==> flow/design.v <==
module u_add_core #(
   parameter integer DW = 32
) (
   input  logic ck,
   input  logic RSTN,
   input  logic [DW-1:0] arg0,
   input  logic [DW-1:0] arg1,
   input  logic [DW-1:0] arg2,
   output logic [DW+1:0] s
);
   logic [DW-1:0] arg0_r;
   logic [DW-1:0] arg1_r;
   logic [DW-1:0] arg2_r;
   logic [DW:0] tmp_r;
   logic [DW-1:0] arg2_r_d;
   always_ff @(posedge ck) begin
      if (~RSTN) begin
         arg0_r <= '0;
         arg1_r <= '0;
         arg2_r <= '0;
         tmp_r <= '0;
         arg2_r_d <= '0;
         s <= '0;
      end else begin
         arg0_r <= arg0;
         arg1_r <= arg1;
         arg2_r <= arg2;
         tmp_r <= arg0_r + arg1_r;
         arg2_r_d <= arg2_r;
         s <= tmp_r + arg2_r_d;
      end
   end
endmodule
== Step by step through the tools: u_add_core ==
Tool output for the design above, in the order of the flow.
Line numbers count from 1 in the design file above.
Operators: Yosys type, input widths -> output width; for muxes data width and select width s.
Not given: n/a
Design
  top module: u_add_core
  clock port: ck
  cell library: sky130hd
  corner: tt_025C_1v80

== Word-level counts ==
Source: Yosys, flattened and elaborated, memories not mapped. Widths are those after wreduce; folded enables and synchronous resets count as part of the registers. Registers that Yosys merges into a memory's read port (data or address) are not register bits. Print and check cells do not count. Equal cells are merged and count once.
Word-level totals
  flip-flop bits (word level): 195
  bits of input ports: 98
  output and inout bits: 34
  word-level cells: 8
Operators by class
  $add $sub $neg: 2
Operators by type and width (number)
  $add 33x32->34: 1
  $add 32x32->33: 1

== Longest topological paths ==
Depth = most cells in a row (Yosys ltp): at word level without a register or memory, in the mapped netlist without a sequential cell, where the memories' decode and read muxes count.
Logic depth
  depth in word-level cells: 1
  ABC_AREA: 0
  depth in mapped cells: 11

== Synthesis result ==
Source: synth_stat.txt of the flow (Yosys; design flattened, memories mapped). It holds for the ABC_AREA given above (unset counts as 0); a run with the other value may have another netlist.
Totals and module areas in this step are rounded.
Synthesis totals
  mapped cells: 870
  synthesis area: 8496 um2
  flip-flops: 195
  buffers: 27
Cells by type (number)
  sky130_fd_sc_hd__dfxtp_1: 195
  sky130_fd_sc_hd__and2_1: 136
  sky130_fd_sc_hd__ha_1: 64
  sky130_fd_sc_hd__a21o_1: 44
  sky130_fd_sc_hd__a21oi_1: 57
  sky130_fd_sc_hd__nor2_1: 65
  sky130_fd_sc_hd__xnor2_1: 24
  sky130_fd_sc_hd__xor2_1: 18
  sky130_fd_sc_hd__nand2_1: 38
  sky130_fd_sc_hd__o21ai_0: 22
  sky130_fd_sc_hd__clkbuf_1: 27
  sky130_fd_sc_hd__a211oi_1: 10
  sky130_fd_sc_hd__nor3_1: 15
  sky130_fd_sc_hd__nand2b_1: 10
  sky130_fd_sc_hd__mux2i_1: 6
  sky130_fd_sc_hd__a31oi_1: 9
  sky130_fd_sc_hd__nand3_1: 11
  sky130_fd_sc_hd__o21a_1: 6
Not listed: further types 51, cells in them 113.

== Path before layout ==
Source: OpenSTA report_checks on the synthesized netlist (no wires, ideal clock, input and output delay 20% of the period each), path of least setup slack; recovery checks are left aside. Register names are those of the netlist, which keeps one name where synthesis merged equal registers.
Path after synthesis
  path kind: flip-flop to flip-flop
  start point: register tmp_r[0]
  end point: register s[26]
  clock period: 3.23 ns
  library setup time: 0.072 ns
  time at the first pin: 0.000 ns
  arrival: 2.513 ns
  path slack: 0.645 ns
  path delay: 2.585 ns
  stages on the path: 12
  buffers on the path: 0
  synthesis period reached: 2.585 ns
"path delay" is the arrival time less input delay plus setup time.
"stages on the path" counts driving pins, that of a launching flip-flop among them; a cell with two outputs on the path counts twice.
"synthesis period reached" is the clock period less the worst setup slack; recovery checks do not enter. This is arithmetic on one report: input and output delays are still those of the set period (20% each).
Between the ends stands the longest chain of elaborated cells between them, by number of cells; it is not shown to be the way that was timed. Of several equally long chains one is given.
A line is the first line of the expression or statement that the cell stems from. Yosys adds cells for indexed reads and writes and turns some case tables into memories.
On the way, after synthesis
  path through: sky130_fd_sc_hd__dfxtp_1 sky130_fd_sc_hd__ha_1 sky130_fd_sc_hd__inv_1 sky130_fd_sc_hd__fa_1 sky130_fd_sc_hd__nor2b_4 sky130_fd_sc_hd__o2111ai_2 sky130_fd_sc_hd__a211oi_2 sky130_fd_sc_hd__o21bai_4 sky130_fd_sc_hd__a2111oi_4 sky130_fd_sc_hd__o21ai_1 sky130_fd_sc_hd__a211oi_2 sky130_fd_sc_hd__mux2i_1
  length of the longest elaborated chain: 1
Ends and longest elaborated chain, after synthesis
  from (decl): RTL line 14  | logic [DW:0] tmp_r;
  from (assign): RTL line 21  | tmp_r <= '0;
  from (assign): RTL line 28  | tmp_r <= arg0_r + arg1_r;
  $add 33x32->34: RTL line 30  | s <= tmp_r + arg2_r_d;
  to (assign): RTL line 23  | s <= '0;
  to (assign): RTL line 30
  to (decl): RTL line 9  | output logic [DW+1:0] s

== Path in the finished layout ==
From the final timing report of flow run A: the path of least setup slack in the routed layout; clock arrival at registers is part of the times.
Path after layout
  path kind: flip-flop to flip-flop
  start point: register arg2_r_d[0]
  end point: register s[26]
  clock period: 3.23 ns
  library setup time: 0.06 ns
  time at the first pin: 0.43 ns
  arrival: 3.23 ns
  path slack: 0.36 ns
  stages on the path: 12
  buffers on the path: 0
Between the ends stands the longest chain of elaborated cells between them, by number of cells; it is not shown to be the way that was timed. Of several equally long chains one is given.
On the way, after layout
  path through: sky130_fd_sc_hd__dfxtp_1 sky130_fd_sc_hd__ha_1 sky130_fd_sc_hd__inv_1 sky130_fd_sc_hd__fa_1 sky130_fd_sc_hd__nor2b_4 sky130_fd_sc_hd__o2111ai_2 sky130_fd_sc_hd__a211oi_2 sky130_fd_sc_hd__o21bai_4 sky130_fd_sc_hd__a2111oi_4 sky130_fd_sc_hd__o21ai_1 sky130_fd_sc_hd__a211oi_2 sky130_fd_sc_hd__mux2i_1
  length of the longest elaborated chain: 1
Ends and longest elaborated chain, after layout
  from (decl): RTL line 15  | logic [DW-1:0] arg2_r_d;
  from (assign): RTL line 22  | arg2_r_d <= '0;
  from (assign): RTL line 29  | arg2_r_d <= arg2_r;
  $add 33x32->34: RTL line 30  | s <= tmp_r + arg2_r_d;
  to (assign): RTL line 23  | s <= '0;
  to (assign): RTL line 30
  to (decl): RTL line 9  | output logic [DW+1:0] s

Subject: flow runs of u_add_core

Hi,

Flow measurements of u_add_core on sky130hd: 3 stored runs with different settings, listed in no order. Input and output delays are each 20% of the period that was set; the output load is 0.01 pF.
By "worst setup path time" is meant the share of the clock period that the worst setup path is allowed (20% is reserved at inputs, 20% at outputs), minus its slack. Clock arrival times at its registers enter into it.
"power" rests on the timing tool's default activity at the inputs, not on a simulated workload.
Results are given in rounded form.

Flow run A
==> flow/run.sh <==
#!/bin/bash
# the make line also repeats the synthesis and layout settings of config.mk as NAME=value (left out here)
make -C /OpenROAD-flow-scripts/flow DESIGN_CONFIG=/design/flow/config.mk WORK_HOME=/design/flow/orfs CLKGATE_MAP_FILE= finish
==> flow/config.mk <==
export PLATFORM = sky130hd
export DESIGN_NAME = u_add_core
export DESIGN_NICKNAME = u_add_core
export VERILOG_FILES = /design/flow/design.v
export SDC_FILE = /design/flow/constraint.sdc
export NUM_CORES = 4
export LEC_CHECK = 0
export CAP_MARGIN = 20
export CORE_MARGIN = 2
export CORE_UTILIZATION = 40
export SLEW_MARGIN = 20
==> flow/constraint.sdc <==
create_clock -name core_clock -period 3.23 [get_ports {ck}]
set_input_delay 0.6460 -clock core_clock [delete_from_list [all_inputs] [get_ports {ck}]]
set_output_delay 0.6460 -clock core_clock [all_outputs]
set_load 0.01 [all_outputs]

==> results of flow run A <==
chip area after synthesis (Yosys): 8496 um2
die area: 22420 um2
utilization: 50.9 %
worst setup slack after layout: 0.363 ns
power: 5504 µW
worst setup path time: 2.87 ns
worst setup path kind: flip-flop to flip-flop

Flow run B
==> flow/run.sh <==
#!/bin/bash
# the make line also repeats the synthesis and layout settings of config.mk as NAME=value (left out here)
make -C /OpenROAD-flow-scripts/flow DESIGN_CONFIG=/design/flow/config.mk WORK_HOME=/design/flow/orfs CLKGATE_MAP_FILE= finish
==> flow/config.mk <==
export PLATFORM = sky130hd
export DESIGN_NAME = u_add_core
export DESIGN_NICKNAME = u_add_core
export VERILOG_FILES = /design/flow/design.v
export SDC_FILE = /design/flow/constraint.sdc
export NUM_CORES = 4
export LEC_CHECK = 0
export ABC_AREA = 1
export CAP_MARGIN = 25
export CELL_PAD_IN_SITES_DETAIL_PLACEMENT = 2
export CORE_MARGIN = 9
export CORE_UTILIZATION = 26
export GPL_ROUTABILITY_DRIVEN = 1
export MAX_ROUTING_LAYER = met4
export MIN_ROUTING_LAYER = met1
export PLACE_DENSITY_LB_ADDON = 0.27
export SETUP_SLACK_MARGIN = 0.46
export SLEW_MARGIN = 0
==> flow/constraint.sdc <==
create_clock -name core_clock -period 2.85 [get_ports {ck}]
set_input_delay 0.5700 -clock core_clock [delete_from_list [all_inputs] [get_ports {ck}]]
set_output_delay 0.5700 -clock core_clock [all_outputs]
set_load 0.01 [all_outputs]

==> results of flow run B <==
chip area after synthesis (Yosys): 10280 um2
die area: 47030 um2
utilization: 32.8 %
worst setup slack after layout: 0.611 ns
power: 6443 µW
worst setup path time: 2.24 ns
worst setup path kind: flip-flop to flip-flop

Flow run C
==> flow/run.sh <==
#!/bin/bash
# the make line also repeats the synthesis and layout settings of config.mk as NAME=value (left out here)
make -C /OpenROAD-flow-scripts/flow DESIGN_CONFIG=/design/flow/config.mk WORK_HOME=/design/flow/orfs CLKGATE_MAP_FILE= finish
==> flow/config.mk <==
export PLATFORM = sky130hd
export DESIGN_NAME = u_add_core
export DESIGN_NICKNAME = u_add_core
export VERILOG_FILES = /design/flow/design.v
export SDC_FILE = /design/flow/constraint.sdc
export NUM_CORES = 4
export LEC_CHECK = 0
export ABC_AREA = 0
export CAP_MARGIN = 20
export CORE_MARGIN = 2
export CORE_UTILIZATION = 52
export CTS_CLUSTER_DIAMETER = 271
export CTS_CLUSTER_SIZE = 97
export GPL_ROUTABILITY_DRIVEN = 0
export PLACE_DENSITY_LB_ADDON = 0.13
export SLEW_MARGIN = 20
export TNS_END_PERCENT = 5
==> flow/constraint.sdc <==
create_clock -name core_clock -period 2.23 [get_ports {ck}]
set_input_delay 0.4460 -clock core_clock [delete_from_list [all_inputs] [get_ports {ck}]]
set_output_delay 0.4460 -clock core_clock [all_outputs]
set_load 0.01 [all_outputs]

==> results of flow run C <==
chip area after synthesis (Yosys): 8496 um2
die area: 17380 um2
utilization: 72.9 %
worst setup slack after layout: -0.319 ns
power: 8256 µW
worst setup path time: 2.55 ns
worst setup path kind: flip-flop to flip-flop

Regards
